==> flow/design.v <==
module u_data_mux_top #(
    parameter W = 6,
    parameter LANES = 7,
    parameter LG = $clog2(LANES)
) (
    input  wire sys_clk,
    input  wire [LANES*W-1:0] in,
    input  wire [LG-1:0] s,
    output reg [W-1:0] res
);
    reg [LANES*W-1:0] in_s;
    reg [LG-1:0] s_s;
    wire [LANES-1:0] hot;
    assign hot = {{(LANES-1){1'b0}}, 1'b1} << s_s;
    reg [LANES-1:0] hot_s;
    reg [LANES*W-1:0] in_s_d;
    reg [W-1:0] nxt;
    integer i;
    always @* begin
        nxt = 0;
        for (i = 0; i < LANES; i = i + 1)
            nxt = nxt | (in_s_d[i*W +: W] & {W{hot_s[i]}});
    end
    always @(posedge sys_clk) begin
        in_s <= in;
        s_s <= s;
        hot_s <= hot;
        in_s_d <= in_s;
        res <= nxt;
    end
endmodule
======== From RTL to reports: u_data_mux_top ========
What the tools print for u_data_mux_top, step after step.
Lines are those of the file above, counted from 1.
Operators carry their Yosys type and port widths (W data, S select, Z words).
Library cell names are shortened.
Not given: n/a
set-up
  top ..................................... u_data_mux_top
  clock input ............................. sys_clk
  library ................................. sky130hd
  corner .................................. tt_025C_1v80

======== After elaboration ========
Source: Yosys, flattened and elaborated, memories not mapped. Widths are those after wreduce; folded enables and synchronous resets count as part of the registers. Registers that Yosys merges into a memory's read port (data or address) are not register bits. Print and check cells do not count. Equal cells are merged and count once.
word-level totals
  register bits after elaboration ......... 100
  input port bits ......................... 46
  output and inout bits ................... 6
  cells after elaboration ................. 19
operators by class
  shifts and indexed selects .............. 1
  bitwise operators ....................... 13
operator list
  operator               number
  $and A6 B6 Y6          7
  $or A6 B6 Y6           6
  $shl A1 B3 Y7 const A  1

======== Depth ========
Yosys ltp: most cells in a row. Word level: on the elaborated netlist, between registers, memories and ports. Mapped: between sequential cells and ports; inverters and the memories' decode and read muxes count.
depth
  depth after elaboration ................. 7
  ABC_AREA ................................ 0
  mapped depth ............................ 2
  gate-level depth less buffers ........... 2

======== Netlist ========
Yosys stat after the flow's synthesis: flattened, memories mapped to cells. It holds for the ABC_AREA given above (unset counts as 0); a run with the other value may have another netlist.
mapped netlist
  cells in the netlist .................... 132
  mapped area ............................. 2234.6 um2
  sequential area ......................... 2001.9 um2
  flip-flops .............................. 100
  buffer cells ............................ 0
cell types
  cell      number  total area (um2)
  dfxtp_1   100     2001.92
  a22oi_1   12      90.086
  a222oi_1  6       60.058
  nand3_1   6       30.029
  nor3b_1   3       22.522
  and3b_1   2       17.517
  nor3_1    1       5.005
  nand2_1   1       3.754
  nor2_1    1       3.754

======== Timing after synthesis ========
Path of least setup slack by OpenSTA after synthesis, without wires, with an ideal clock, recovery checks aside; 20% of the period is set as input and as output delay. Where synthesis merged equal registers, the netlist keeps one of their names.
timing after synthesis
  kind .................................... register to register
  start point ............................. register hot_s[4]
  end point ............................... register res[4]
  period .................................. 1040 ps
  setup time .............................. 134 ps
  launch time at the first pin ............ 0 ps
  arrival ................................. 700 ps
  required time ........................... 906 ps
  path slack .............................. 206 ps
  delay of the path ....................... 834 ps
  stages .................................. 3
  path buffers ............................ 0
  synthesis period reached ................ 834 ps
"delay of the path" is the arrival time less input delay plus setup time.
"stages": output pins that drive a net of the path, with the launching flip-flop's if there is one; two outputs of one cell count as two.
"synthesis period reached" is the clock period less the worst setup slack; recovery checks do not enter. This is arithmetic on one report: input and output delays are still those of the set period (20% each).
Between the ends stands the longest chain of elaborated cells between them, by number of cells; it is not shown to be the way that was timed. Of several equally long chains one is given.
A line is the first line of the expression or statement that the cell stems from. Yosys adds cells for indexed reads and writes and turns some case tables into memories.
on the way, after synthesis
  cells stage by stage .................... dfxtp_1 -> a222oi_1 -> nand3_1
  length of the longest elaborated chain .. 4
  elaborated cells on any way between the ends .. 4
  RTL lines with such cells ............... 1
  those cells by class .................... logic: 4
ends and longest elaborated chain, after synthesis
  item             RTL line  RTL
  from (decl)      15        reg [LANES-1:0] hot_s;
  from (assign)    27        hot_s <= hot;
  $and A6 B6 Y6    22        nxt = nxt | (in_s_d[i*W +: W] & {W{hot_s[i]}});
  $or A6 B6 Y6 x3  22
  to (assign)      29        res <= nxt;
  to (decl)        9         output reg [W-1:0] res

======== Worst path after layout ========
From the final timing report of run 1: the path of least setup slack in the routed layout; clock arrival at registers is part of the times.
The path's times are printed in steps of 10 ps; the period is the one set.
timing post-layout
  kind .................................... register to register
  start point ............................. register hot_s[4]
  end point ............................... register res[2]
  period .................................. 1040 ps
  setup time .............................. 130 ps
  launch time at the first pin ............ 340 ps
  arrival ................................. 1270 ps
  required time ........................... 1250 ps
  path slack .............................. -20 ps
  stages .................................. 3
  path buffers ............................ 0
Between the ends stands the longest chain of elaborated cells between them, by number of cells; it is not shown to be the way that was timed. Of several equally long chains one is given.
on the way, post-layout
  cells stage by stage .................... dfxtp_2 -> a222oi_1 -> nand3_1
  length of the longest elaborated chain .. 4
  elaborated cells on any way between the ends .. 4
  RTL lines with such cells ............... 1
  those cells by class .................... logic: 4
ends and longest elaborated chain, post-layout
  item             RTL line  RTL
  from (decl)      15        reg [LANES-1:0] hot_s;
  from (assign)    27        hot_s <= hot;
  $and A6 B6 Y6    22        nxt = nxt | (in_s_d[i*W +: W] & {W{hot_s[i]}});
  $or A6 B6 Y6 x3  22
  to (assign)      29        res <= nxt;
  to (decl)        9         output reg [W-1:0] res

Memo
Re: implementation data of u_data_mux_top

Flow measurements of u_data_mux_top on sky130hd: 3 stored runs with different settings, listed in no order. Input and output delays are each 20% of the period that was set; the output load is 0.01 pF.
"time of the worst setup path": the worst setup path's part of the clock period (all of it between registers, 20% less for each end at a port) less its slack. A launch clock that arrives late makes it longer, a capture clock that arrives late makes it shorter.
"total power after layout" is the tool's figure for a default switching activity; nothing was simulated.
"time of the worst setup path" is known to 10 ps.

======== run 1 ========
==> flow/run.sh <==
#!/bin/bash
# the make line also repeats the synthesis and layout settings of config.mk as NAME=value (left out here)
make -C /OpenROAD-flow-scripts/flow DESIGN_CONFIG=/design/flow/config.mk WORK_HOME=/design/flow/orfs CLKGATE_MAP_FILE= finish
==> flow/config.mk <==
export PLATFORM = sky130hd
export DESIGN_NAME = u_data_mux_top
export DESIGN_NICKNAME = u_data_mux_top
export VERILOG_FILES = /design/flow/design.v
export SDC_FILE = /design/flow/constraint.sdc
export NUM_CORES = 4
export LEC_CHECK = 0
export CAP_MARGIN = 20
export CORE_MARGIN = 2
export CORE_UTILIZATION = 40
export SLEW_MARGIN = 20
==> flow/constraint.sdc <==
create_clock -name core_clock -period 1.04 [get_ports {sys_clk}]
set_input_delay 0.2080 -clock core_clock [delete_from_list [all_inputs] [get_ports {sys_clk}]]
set_output_delay 0.2080 -clock core_clock [all_outputs]
set_load 0.01 [all_outputs]

-------- measured, run 1 --------
  time of the worst setup path ............ 1060 ps
  type of the worst setup path ............ register to register
  die area ................................ 6200.8 um2
  total negative slack on setup checks .... -26 ps
  synthesized cell area ................... 2234.6 um2
  worst setup slack after layout .......... -23 ps
  total power after layout ................ 7170 uW
  post-route utilization .................. 56.0%

======== run 2 ========
==> flow/run.sh <==
#!/bin/bash
# the make line also repeats the synthesis and layout settings of config.mk as NAME=value (left out here)
make -C /OpenROAD-flow-scripts/flow DESIGN_CONFIG=/design/flow/config.mk WORK_HOME=/design/flow/orfs CLKGATE_MAP_FILE= finish
==> flow/config.mk <==
export PLATFORM = sky130hd
export DESIGN_NAME = u_data_mux_top
export DESIGN_NICKNAME = u_data_mux_top
export VERILOG_FILES = /design/flow/design.v
export SDC_FILE = /design/flow/constraint.sdc
export NUM_CORES = 4
export LEC_CHECK = 0
export ABC_AREA = 1
export CAP_MARGIN = 20
export CELL_PAD_IN_SITES_DETAIL_PLACEMENT = 1
export CELL_PAD_IN_SITES_GLOBAL_PLACEMENT = 1
export CORE_MARGIN = 2
export CORE_UTILIZATION = 58
export CTS_CLUSTER_SIZE = 14
export MAX_ROUTING_LAYER = met4
export PLACE_DENSITY_LB_ADDON = 0.15
export SLEW_MARGIN = 25
==> flow/constraint.sdc <==
create_clock -name core_clock -period 1.09 [get_ports {sys_clk}]
set_input_delay 0.2180 -clock core_clock [delete_from_list [all_inputs] [get_ports {sys_clk}]]
set_output_delay 0.2180 -clock core_clock [all_outputs]
set_load 0.01 [all_outputs]

-------- run 2 --------
  unfinished; error DPL-0033 in clock tree synthesis

======== run 3 ========
==> flow/run.sh <==
#!/bin/bash
# the make line also repeats the synthesis and layout settings of config.mk as NAME=value (left out here)
make -C /OpenROAD-flow-scripts/flow DESIGN_CONFIG=/design/flow/config.mk WORK_HOME=/design/flow/orfs CLKGATE_MAP_FILE= finish
==> flow/config.mk <==
export PLATFORM = sky130hd
export DESIGN_NAME = u_data_mux_top
export DESIGN_NICKNAME = u_data_mux_top
export VERILOG_FILES = /design/flow/design.v
export SDC_FILE = /design/flow/constraint.sdc
export NUM_CORES = 4
export LEC_CHECK = 0
export CAP_MARGIN = 20
export CELL_PAD_IN_SITES_DETAIL_PLACEMENT = 1
export CORE_ASPECT_RATIO = 1.72
export CORE_MARGIN = 7
export CORE_UTILIZATION = 26
export CTS_CLUSTER_SIZE = 28
export PLACE_DENSITY_LB_ADDON = 0.15
export SETUP_SLACK_MARGIN = 0.01
export SLEW_MARGIN = 20
==> flow/constraint.sdc <==
create_clock -name core_clock -period 0.645 [get_ports {sys_clk}]
set_input_delay 0.1290 -clock core_clock [delete_from_list [all_inputs] [get_ports {sys_clk}]]
set_output_delay 0.1290 -clock core_clock [all_outputs]
set_load 0.01 [all_outputs]

-------- measured, run 3 --------
  time of the worst setup path ............ 1050 ps
  type of the worst setup path ............ register to register
  die area ................................ 11482.7 um2
  total negative slack on setup checks .... -3656 ps
  synthesized cell area ................... 2234.6 um2
  worst setup slack after layout .......... -404 ps
  total power after layout ................ 12086 uW
  post-route utilization .................. 38.7%
